==> flow/design.v <==
module sync_addsub_n #(
  parameter integer DATA_W = 16
) (
  input  wire clock,
  input  wire nrst,
  input  wire clk_en,
  input  wire [DATA_W-1:0] src1,
  input  wire mode,
  input  wire clear,
  output wire [DATA_W-1:0] q
);
  reg [DATA_W-1:0] src1_q;
  reg mode_q;
  reg clear_q;
  reg [DATA_W-1:0] run_sum;
  always @(posedge clock or negedge nrst) begin
    if (!nrst) begin
      src1_q <= 0;
      mode_q <= 1'b0;
      clear_q <= 1'b0;
      run_sum <= 0;
    end else if (clk_en) begin
      src1_q <= src1;
      mode_q <= mode;
      clear_q <= clear;
      run_sum <= clear_q ? src1_q : mode_q ? run_sum - src1_q : run_sum + src1_q;
    end
  end
  assign q = run_sum;
endmodule
# Reports on sync_addsub_n
# What the tools print for sync_addsub_n, step after step.
# Line numbers count from 1 in the design file above.
# Operators: Yosys type, input widths -> output width; for muxes data width and select width s.
# Cell names lack the library's common part.
# A cell with -- has no value.
[design]
design = "sync_addsub_n"
clock = "clock"
lib = "sky130hd"
pvt_corner = "tt_025C_1v80"

# Elaborated design
# Counts by Yosys on the flattened word-level netlist (proc, flatten, opt, wreduce; memories kept). Register bits leave out memories and registers merged into their read ports (data or address); mux counts leave out enables and synchronous resets folded into registers. Print and check cells are left out. Cells with the same type and inputs are merged into one.
[word_totals]
latch_bits = 0
elab_cells = 8
inputBits = 21
output_inout_bits = 16
clocked_rd_ports_x_width = 0
mem_count = 0
mem_bits_rw = 0
regBits = 34
romBits = 0
[classes]
mul = 0
n_shift = 0
n_logic = 0
n_reduce_logical = 0
n_mux = 2
addsub = 2
compare = 0
equal = 0
div = 0
[ops]
columns = ["op", "n"]
rows = [
  ["$mux 16", 2],
  ["$add 16x16->16", 1],
  ["$sub 16x16->16", 1],
]

# Longest topological paths
# Depth = most cells in a row (Yosys ltp): at word level without a register or memory, in the mapped netlist without a sequential cell, where the memories' decode and read muxes count.
[depth]
depth_word = 3
abc_area = 0
mapped_depth = 14
depth_no_buf = 14

# After synthesis
# Source: synth_stat.txt of the flow (Yosys; design flattened, memories mapped). It holds for the ABC_AREA given above (unset counts as 0); a run with the other value may have another netlist.
[by_type]
columns = ["cell", "n", "area_total_um2"]
rows = [
  ["dfrtp_1", 34, 850.816],
  ["ha_1", 16, 200.192],
  ["mux2_2", 14, 157.651],
  ["xnor2_1", 16, 140.134],
  ["a21oi_1", 24, 120.115],
  ["a21o_1", 10, 75.072],
  ["nor2_1", 19, 71.318],
  ["mux2i_1", 6, 60.058],
  ["nand2_1", 16, 60.058],
  ["o21ai_0", 11, 55.053],
  ["xor2_1", 6, 52.55],
  ["buf_6", 4, 45.043],
  ["inv_1", 12, 45.043],
  ["nand3_1", 9, 45.043],
  ["a31oi_1", 6, 37.536],
  ["nor4_2", 3, 37.536],
  ["o21a_1", 5, 37.536],
  ["clkbuf_1", 8, 30.029],
]
# Other cell types: 40; their cells: 65.
[mapped]
buffers = 15
mapped_cells = 284
sequential_area_um2 = 850.8
area_um2 = 2653.8
ff_cells = 34

# Timing after synthesis
# Source: OpenSTA report_checks on the synthesized netlist (no wires, ideal clock, input and output delay 20% of the period each), path of least setup slack; recovery checks are left aside. Register names are those of the netlist, which keeps one name where synthesis merged equal registers.
[synth_path]
path_kind = "reg-to-reg"
startpoint = "register src1_q[0]"
endpoint = "register run_sum[15]"
arrival_ns = 3.235
setup_ns = 0.073
setup_slack_ns = 0.822
required_ns = 4.057
period_ns = 4.13
launch_ns = 0.000
delay_ns = 3.308
path_buffers = 0
driving_pins = 15
synth_period_reached_ns = 3.308
# "delay_ns" = arrival - input delay + setup time.
# "driving_pins": output pins that drive a net of the path, with the launching flip-flop's if there is one; two outputs of one cell count as two.
# "synth_period_reached_ns" is the clock period less the worst setup slack; recovery checks do not enter. This is arithmetic on one report: input and output delays are still those of the set period (20% each).
# The rows between start and end are the longest chain of elaborated cells between them; the timing report does not say that the signal goes this way. Where chains are equally long, one stands for them.
# Each line given opens the expression or statement behind the cell; cells for indexed reads and writes are added by Yosys, which also makes memories of some case tables.
[synth_between]
cell_sequence = "dfrtp_1 -> inv_1 -> ha_1 -> nor2b_1 -> nand2_1 -> nor3b_1 -> nor2_1 -> xnor2_1 -> ha_1 -> a21o_2 -> a31o_1 -> nor2b_4 -> or4_4 -> a2111oi_2 -> nand4bb_1"
elab_chain_cells = 3
cone_cells = 4
cone_lines = 1
classes_between = "add/sub (2); mux (2)"
[synth_rtl]
columns = ["item", "line_no", "text"]
rows = [
  ["start: declaration", 12, "reg [DATA_W-1:0] src1_q;"],
  ["start: assignment", 18, "src1_q <= 0;"],
  ["start: assignment", 23, "src1_q <= src1;"],
  ["$add 16x16->16", 26, "run_sum <= clear_q ? src1_q : mode_q ? run_sum - src1_q : run_sum + src1_q;"],
  ["$mux 16 (2 in a row)", 26, ""],
  ["end: assignment", 21, "run_sum <= 0;"],
  ["end: assignment", 26, ""],
  ["end: declaration", 15, "reg [DATA_W-1:0] run_sum;"],
]

# Worst path after layout
# From the final timing report of job 1: the path of least setup slack in the routed layout; clock arrival at registers is part of the times.
[layout_path]
path_kind = "reg-to-reg"
startpoint = "register src1_q[1]"
endpoint = "register run_sum[15]"
period_ns = 4.77
setup_ns = 0.06
required_ns = 5.00
arrival_ns = 4.03
launch_ns = 0.29
setup_slack_ns = 0.96
driving_pins = 15
path_buffers = 0
# The rows between start and end are the longest chain of elaborated cells between them; the timing report does not say that the signal goes this way. Where chains are equally long, one stands for them.
[layout_between]
cell_sequence = "dfrtp_1 -> inv_1 -> ha_1 -> nor2b_1 -> nand2_1 -> nor3b_1 -> nor2_1 -> xnor2_1 -> ha_1 -> a21o_2 -> a31o_1 -> nor2b_4 -> or4_4 -> a2111oi_2 -> nand4bb_1"
elab_chain_cells = 3
cone_cells = 4
cone_lines = 1
classes_between = "add/sub (2); mux (2)"
[layout_rtl]
columns = ["item", "line_no", "text"]
rows = [
  ["start: declaration", 12, "reg [DATA_W-1:0] src1_q;"],
  ["start: assignment", 18, "src1_q <= 0;"],
  ["start: assignment", 23, "src1_q <= src1;"],
  ["$add 16x16->16", 26, "run_sum <= clear_q ? src1_q : mode_q ? run_sum - src1_q : run_sum + src1_q;"],
  ["$mux 16 (2 in a row)", 26, ""],
  ["end: assignment", 21, "run_sum <= 0;"],
  ["end: assignment", 26, ""],
  ["end: declaration", 15, "reg [DATA_W-1:0] run_sum;"],
]

# Settings and measured results of 3 stored flow runs for module sync_addsub_n (sky130hd), not sorted in any way. The constraints put input and output delay at 20% of the set period each and load the outputs with 0.01 pF.
# "timing.worst_path_ns" = time allowed to the worst setup path (clock period - input delay - output delay, where it has them) - its slack; a late launch clock adds to it, a late capture clock takes from it.
# "design_power_uw" rests on the timing tool's default activity at the inputs, not on a simulated workload.

[[run]]
name = "job 1"
[run.settings]
period_ns = 4.77
CORE_UTILIZATION = 42
SETUP_SLACK_MARGIN = 0.12
PLACE_DENSITY = 0.48
CORE_ASPECT_RATIO = 1.53
CELL_PAD_IN_SITES_DETAIL_PLACEMENT = 2
TNS_END_PERCENT = 25
GPL_TIMING_DRIVEN = 1
CTS_CLUSTER_DIAMETER = 179
CAP_MARGIN = 15
MAX_ROUTING_LAYER = "met4"
CORE_MARGIN = 2
SLEW_MARGIN = 20
[run.results]
finish.utilization_frac = 0.515
post_synth_area_um2 = 2653.8
layout_stdcell_area_um2 = 3136.8
timing.worst_path_ns = 3.81
critical_path_kind = "reg-to-reg"
ws_setup_ns = 0.964
design_power_uw = 1831
die_area_um2 = 6984.9
ws_hold_ns = 0.531

[[run]]
name = "job 2"
[run.settings]
period_ns = 4.13
CAP_MARGIN = 20
CORE_MARGIN = 2
CORE_UTILIZATION = 40
SLEW_MARGIN = 20
[run.results]
finish.utilization_frac = 0.488
post_synth_area_um2 = 2653.8
layout_stdcell_area_um2 = 3116.7
timing.worst_path_ns = 3.63
critical_path_kind = "reg-to-reg"
ws_setup_ns = 0.501
design_power_uw = 1933
die_area_um2 = 7301.7
ws_hold_ns = 0.538

[[run]]
name = "job 3"
[run.settings]
period_ns = 3.55
CORE_UTILIZATION = 23
PLACE_DENSITY_LB_ADDON = 0.26
CORE_MARGIN = 2
CELL_PAD_IN_SITES_GLOBAL_PLACEMENT = 3
ABC_AREA = 1
CTS_CLUSTER_DIAMETER = 138
SLEW_MARGIN = 30
CAP_MARGIN = 20
[run.results]
finish.utilization_frac = 0.295
post_synth_area_um2 = 2630.0
layout_stdcell_area_um2 = 3320.7
timing.worst_path_ns = 2.79
critical_path_kind = "reg-to-reg"
ws_setup_ns = 0.763
design_power_uw = 2382
die_area_um2 = 12306.6
ws_hold_ns = 0.527
